==> flow/design.v <==
module mult #(
  parameter WD = 8,
  parameter WAYS = 3,
  parameter RES_W = 2*WD + $clog2(WAYS)
) (
  input wire aclk,
  input wire rst_n,
  input wire [WAYS*WD-1:0] rs1,
  input wire [WAYS*WD-1:0] rs2,
  output reg [RES_W-1:0] out
);
  reg [WAYS*WD-1:0] rs1_s;
  always @(posedge aclk or negedge rst_n) begin
    if (!rst_n) begin
      rs1_s <= 0;
    end else begin
      rs1_s <= rs1;
    end
  end
  reg [WAYS*WD-1:0] rs2_s;
  always @(posedge aclk or negedge rst_n) begin
    if (!rst_n) begin
      rs2_s <= 0;
    end else begin
      rs2_s <= rs2;
    end
  end
  reg [RES_W-1:0] t;
  integer idx;
  always @(*) begin
    t = 0;
    for (idx = 0; idx < WAYS; idx = idx + 1)
      t = t + rs1_s[idx*WD +: WD] * rs2_s[idx*WD +: WD];
  end
  always @(posedge aclk or negedge rst_n) begin
    if (!rst_n) begin
      out <= 0;
    end else begin
      out <= t;
    end
  end
endmodule
### Tool chain data of mult

The steps from the RTL of mult to its reports follow in flow order.
Line numbers count from 1 in the design file above.
Operators: Yosys type, input widths -> output width; for muxes data width and select width s.
Cell names lack the library's common part.
The mark - stands for no value.

| inputs | value |
|---|---|
| top | mult |
| clock | aclk |
| cell library | sky130hd |
| corner | tt_025C_1v80 |

### Elaborated design

Source: Yosys, flattened and elaborated, memories not mapped. Widths are those after wreduce; folded enables and synchronous resets count as part of the registers. Registers that Yosys merges into a memory's read port (data or address) are not register bits. Print and check cells do not count. Equal cells are merged and count once.

| operators by class | value |
|---|---|
| reduce/logical cells | 0 |
| shift-type cells | 0 |
| order comparisons | 0 |
| $mul | 3 |
| add/subtract/negate cells | 2 |
| muxes and demuxes | 0 |
| equal/unequal tests | 0 |
| div/mod/pow operators | 0 |
| bitwise operators | 0 |

Operators by type and width:

| cell | number |
|---|---|
| $mul 8x8->16 | 3 |
| $add 17x16->18 | 1 |
| $add 16x16->17 | 1 |

| bit counts | value |
|---|---|
| bits in read-only memories | 0 |
| memory cells | 0 |
| output and inout port bits | 18 |
| bits in registers | 66 |
| bits in latches | 0 |
| input port bits | 50 |
| clocked read ports x word width | 0 |
| RAM bits | 0 |

### Depth

Yosys ltp: most cells in a row. Word level: on the elaborated netlist, between registers, memories and ports. Mapped: between sequential cells and ports; inverters and the memories' decode and read muxes count.

| depth | value |
|---|---|
| word-level depth | 3 |
| ABC_AREA | 0 |
| gate-level depth with buffers | 22 |
| mapped depth without buffers | 21 |

### Mapped cells and area

Source: synth_stat.txt of the flow (Yosys; design flattened, memories mapped). It holds for the ABC_AREA given above (unset counts as 0); a run with the other value may have another netlist.
Totals and module areas in this step are rounded.

Cell types:

| type | number | area in all (um^2) |
|---|---|---|
| fa_1 | 161 | 3.22E+03 |
| dfrtp_1 | 66 | 1.65E+03 |
| ha_1 | 99 | 1.24E+03 |
| inv_1 | 229 | 859.574 |
| and2_1 | 124 | 775.744 |
| nand2_1 | 74 | 277.766 |
| xnor2_1 | 8 | 70.067 |
| a21oi_1 | 11 | 55.053 |
| xor2_1 | 4 | 35.034 |
| a21oi_2 | 3 | 26.275 |
| nor2_1 | 7 | 26.275 |
| o21ai_0 | 5 | 25.024 |
| a21o_1 | 3 | 22.522 |
| nand2b_1 | 3 | 18.768 |
| o41ai_2 | 1 | 16.266 |
| o211ai_1 | 2 | 15.014 |
| a31oi_1 | 2 | 12.512 |
| nand4_1 | 2 | 12.512 |

Not listed: further types 12, cells in them 13.

| mapped netlist | value |
|---|---|
| buffers | 1 |
| mapped area | 8453 um^2 |
| sequential part of the area | 1652 um^2 |
| flip-flops | 66 |
| standard cells after synthesis | 817 |

### Worst setup path after synthesis

Source: OpenSTA report_checks on the synthesized netlist (no wires, ideal clock, input and output delay 20% of the period each), path of least setup slack; recovery checks are left aside. Register names are those of the netlist, which keeps one name where synthesis merged equal registers.

| timing path post-synthesis | value |
|---|---|
| path kind | flip-flop to flip-flop |
| from | register rs1_s[6] |
| to | register out[10] |
| library setup time | 69 ps |
| launch time at the first pin | 0 ps |
| driving pins on the path | 19 |
| slack | 1382 ps |
| clock period | 6910 ps |
| path buffers | 0 |
| arrival | 5459 ps |
| delay of the path | 5528 ps |
| required time | 6841 ps |
| period reached after synthesis | 5528 ps |

"delay of the path" is the arrival time less input delay plus setup time.
"driving pins on the path" counts driving pins, that of a launching flip-flop among them; a cell with two outputs on the path counts twice.
"period reached after synthesis" is the clock period less the worst setup slack; recovery checks do not enter. This is arithmetic on one report: input and output delays are still those of the set period (20% each).
The rows between start and end are the longest chain of elaborated cells between them; the timing report does not say that the signal goes this way. Where chains are equally long, one stands for them.
Each line given opens the expression or statement behind the cell; cells for indexed reads and writes are added by Yosys, which also makes memories of some case tables.

| on the way, post-synthesis | value |
|---|---|
| path through | dfrtp_1 and2_1 fa_1 fa_1 inv_1 fa_1 fa_1 inv_1 fa_1 fa_1 inv_1 fa_1 inv_1 ha_1 a21o_1 a21oi_2 a21boi_1 or4_1 nand3_1 |
| cells in the longest elaborated chain | 3 |
| elaborated cells between the ends (all ways) | 3 |
| RTL lines with such cells | 1 |
| classes of those cells | add/sub: 2; mul: 1 |

Ends and longest elaborated chain, post-synthesis:

| what | RTL line | text |
|---|---|---|
| start: declaration | 12 | `reg [WAYS*WD-1:0] rs1_s;` |
| start: assignment | 15 | `rs1_s <= 0;` |
| start: assignment | 17 | `rs1_s <= rs1;` |
| $mul 8x8->16 | 33 | `t = t + rs1_s[idx*WD +: WD] * rs2_s[idx*WD +: WD];` |
| $add 16x16->17 | 33 |  |
| $add 17x16->18 | 33 |  |
| end: assignment | 37 | `out <= 0;` |
| end: assignment | 39 | `out <= t;` |
| end: declaration | 10 | `output reg [RES_W-1:0] out` |

### Path in the finished layout

Path of least setup slack in the final report of flow run 1 (OpenROAD, finished layout, wires in). Where an end is a register, its clock arrival counts in the times.
The path's times are printed in steps of 10 ps; the period is the one set.

| timing path post-layout | value |
|---|---|
| path kind | flip-flop to flip-flop |
| from | register rs1_s[5] |
| to | register out[17] |
| clock period | 10900 ps |
| slack | 4800 ps |
| driving pins on the path | 19 |
| path buffers | 0 |
| arrival | 6370 ps |
| required time | 11170 ps |
| launch time at the first pin | 360 ps |
| library setup time | 90 ps |

The rows between start and end are the longest chain of elaborated cells between them; the timing report does not say that the signal goes this way. Where chains are equally long, one stands for them.

| on the way, post-layout | value |
|---|---|
| path through | dfrtp_1 and2_1 fa_1 inv_1 fa_1 fa_1 inv_1 fa_1 fa_1 fa_1 inv_1 fa_1 inv_1 ha_1 o211ai_1 a21oi_2 o2111ai_1 a41oi_1 xnor2_1 |
| cells in the longest elaborated chain | 3 |
| elaborated cells between the ends (all ways) | 3 |
| RTL lines with such cells | 1 |
| classes of those cells | add/sub: 2; mul: 1 |

Ends and longest elaborated chain, post-layout:

| what | RTL line | text |
|---|---|---|
| start: declaration | 12 | `reg [WAYS*WD-1:0] rs1_s;` |
| start: assignment | 15 | `rs1_s <= 0;` |
| start: assignment | 17 | `rs1_s <= rs1;` |
| $mul 8x8->16 | 33 | `t = t + rs1_s[idx*WD +: WD] * rs2_s[idx*WD +: WD];` |
| $add 16x16->17 | 33 |  |
| $add 17x16->18 | 33 |  |
| end: assignment | 37 | `out <= 0;` |
| end: assignment | 39 | `out <= t;` |
| end: declaration | 10 | `output reg [RES_W-1:0] out` |

Data sheet: physical implementation of mult

Flow measurements of mult on sky130hd: 3 stored runs with different settings, listed in no order. Input and output delays are each 20% of the period that was set; the output load is 0.01 pF.
"reached clock period" means the clock period less the worst setup slack. The figure is calculated, with input and output delays left at 20% of the set period.
"critical setup path time" is the time allowed to the run's worst setup path (the clock period less input and output delay, where it has them) less its slack. Clock arrival times count: a late capture clock shortens it, a late launch clock lengthens it.
"critical setup path time" is given in steps of 10 ps.
The results are shown rounded.

#### Flow run 1

| setting | value |
|---|---|
| period_ns | `10.9` |
| CORE_UTILIZATION | `26` |
| SETUP_SLACK_MARGIN | `2.22` |
| PLACE_DENSITY | `0.54` |
| CORE_MARGIN | `10` |
| CELL_PAD_IN_SITES_GLOBAL_PLACEMENT | `3` |
| CELL_PAD_IN_SITES_DETAIL_PLACEMENT | `1` |
| TNS_END_PERCENT | `25` |
| ABC_AREA | `0` |
| CTS_CLUSTER_SIZE | `14` |
| MIN_ROUTING_LAYER | `met1` |
| MAX_ROUTING_LAYER | `met4` |
| CAP_MARGIN | `20` |
| SLEW_MARGIN | `20` |

| result | value |
|---|---|
| chip area in the Yosys report | 8453 um^2 |
| die area | 40120 um^2 |
| standard-cell area after layout | 9947 um^2 |
| utilization of the finished layout | 0.313 |
| worst setup slack after layout | 4803 ps |
| setup TNS | 0 ps |
| post-route worst hold slack | 824 ps |
| reached clock period | 6097 ps |
| critical setup path time | 6100 ps |
| worst setup path type | flip-flop to flip-flop |

#### Flow run 2

| setting | value |
|---|---|
| period_ns | `7.9` |
| CORE_UTILIZATION | `25` |
| SETUP_SLACK_MARGIN | `2.14` |
| PLACE_DENSITY_LB_ADDON | `0.19` |
| HOLD_SLACK_MARGIN | `0.22` |
| CORE_MARGIN | `2` |
| CAP_MARGIN | `30` |
| SLEW_MARGIN | `20` |

| result | value |
|---|---|
| chip area in the Yosys report | 8453 um^2 |
| die area | 35300 um^2 |
| standard-cell area after layout | 10420 um^2 |
| utilization of the finished layout | 0.311 |
| worst setup slack after layout | 2229 ps |
| setup TNS | 0 ps |
| post-route worst hold slack | 823 ps |
| reached clock period | 5671 ps |
| critical setup path time | 5670 ps |
| worst setup path type | flip-flop to flip-flop |

#### Flow run 3

| setting | value |
|---|---|
| period_ns | `6.91` |
| CAP_MARGIN | `20` |
| CORE_MARGIN | `2` |
| CORE_UTILIZATION | `40` |
| SLEW_MARGIN | `20` |

| result | value |
|---|---|
| chip area in the Yosys report | 8453 um^2 |
| die area | 22310 um^2 |
| standard-cell area after layout | 9746 um^2 |
| utilization of the finished layout | 0.467 |
| worst setup slack after layout | 939 ps |
| setup TNS | 0 ps |
| post-route worst hold slack | 823 ps |
| reached clock period | 5971 ps |
| critical setup path time | 5970 ps |
| worst setup path type | flip-flop to flip-flop |
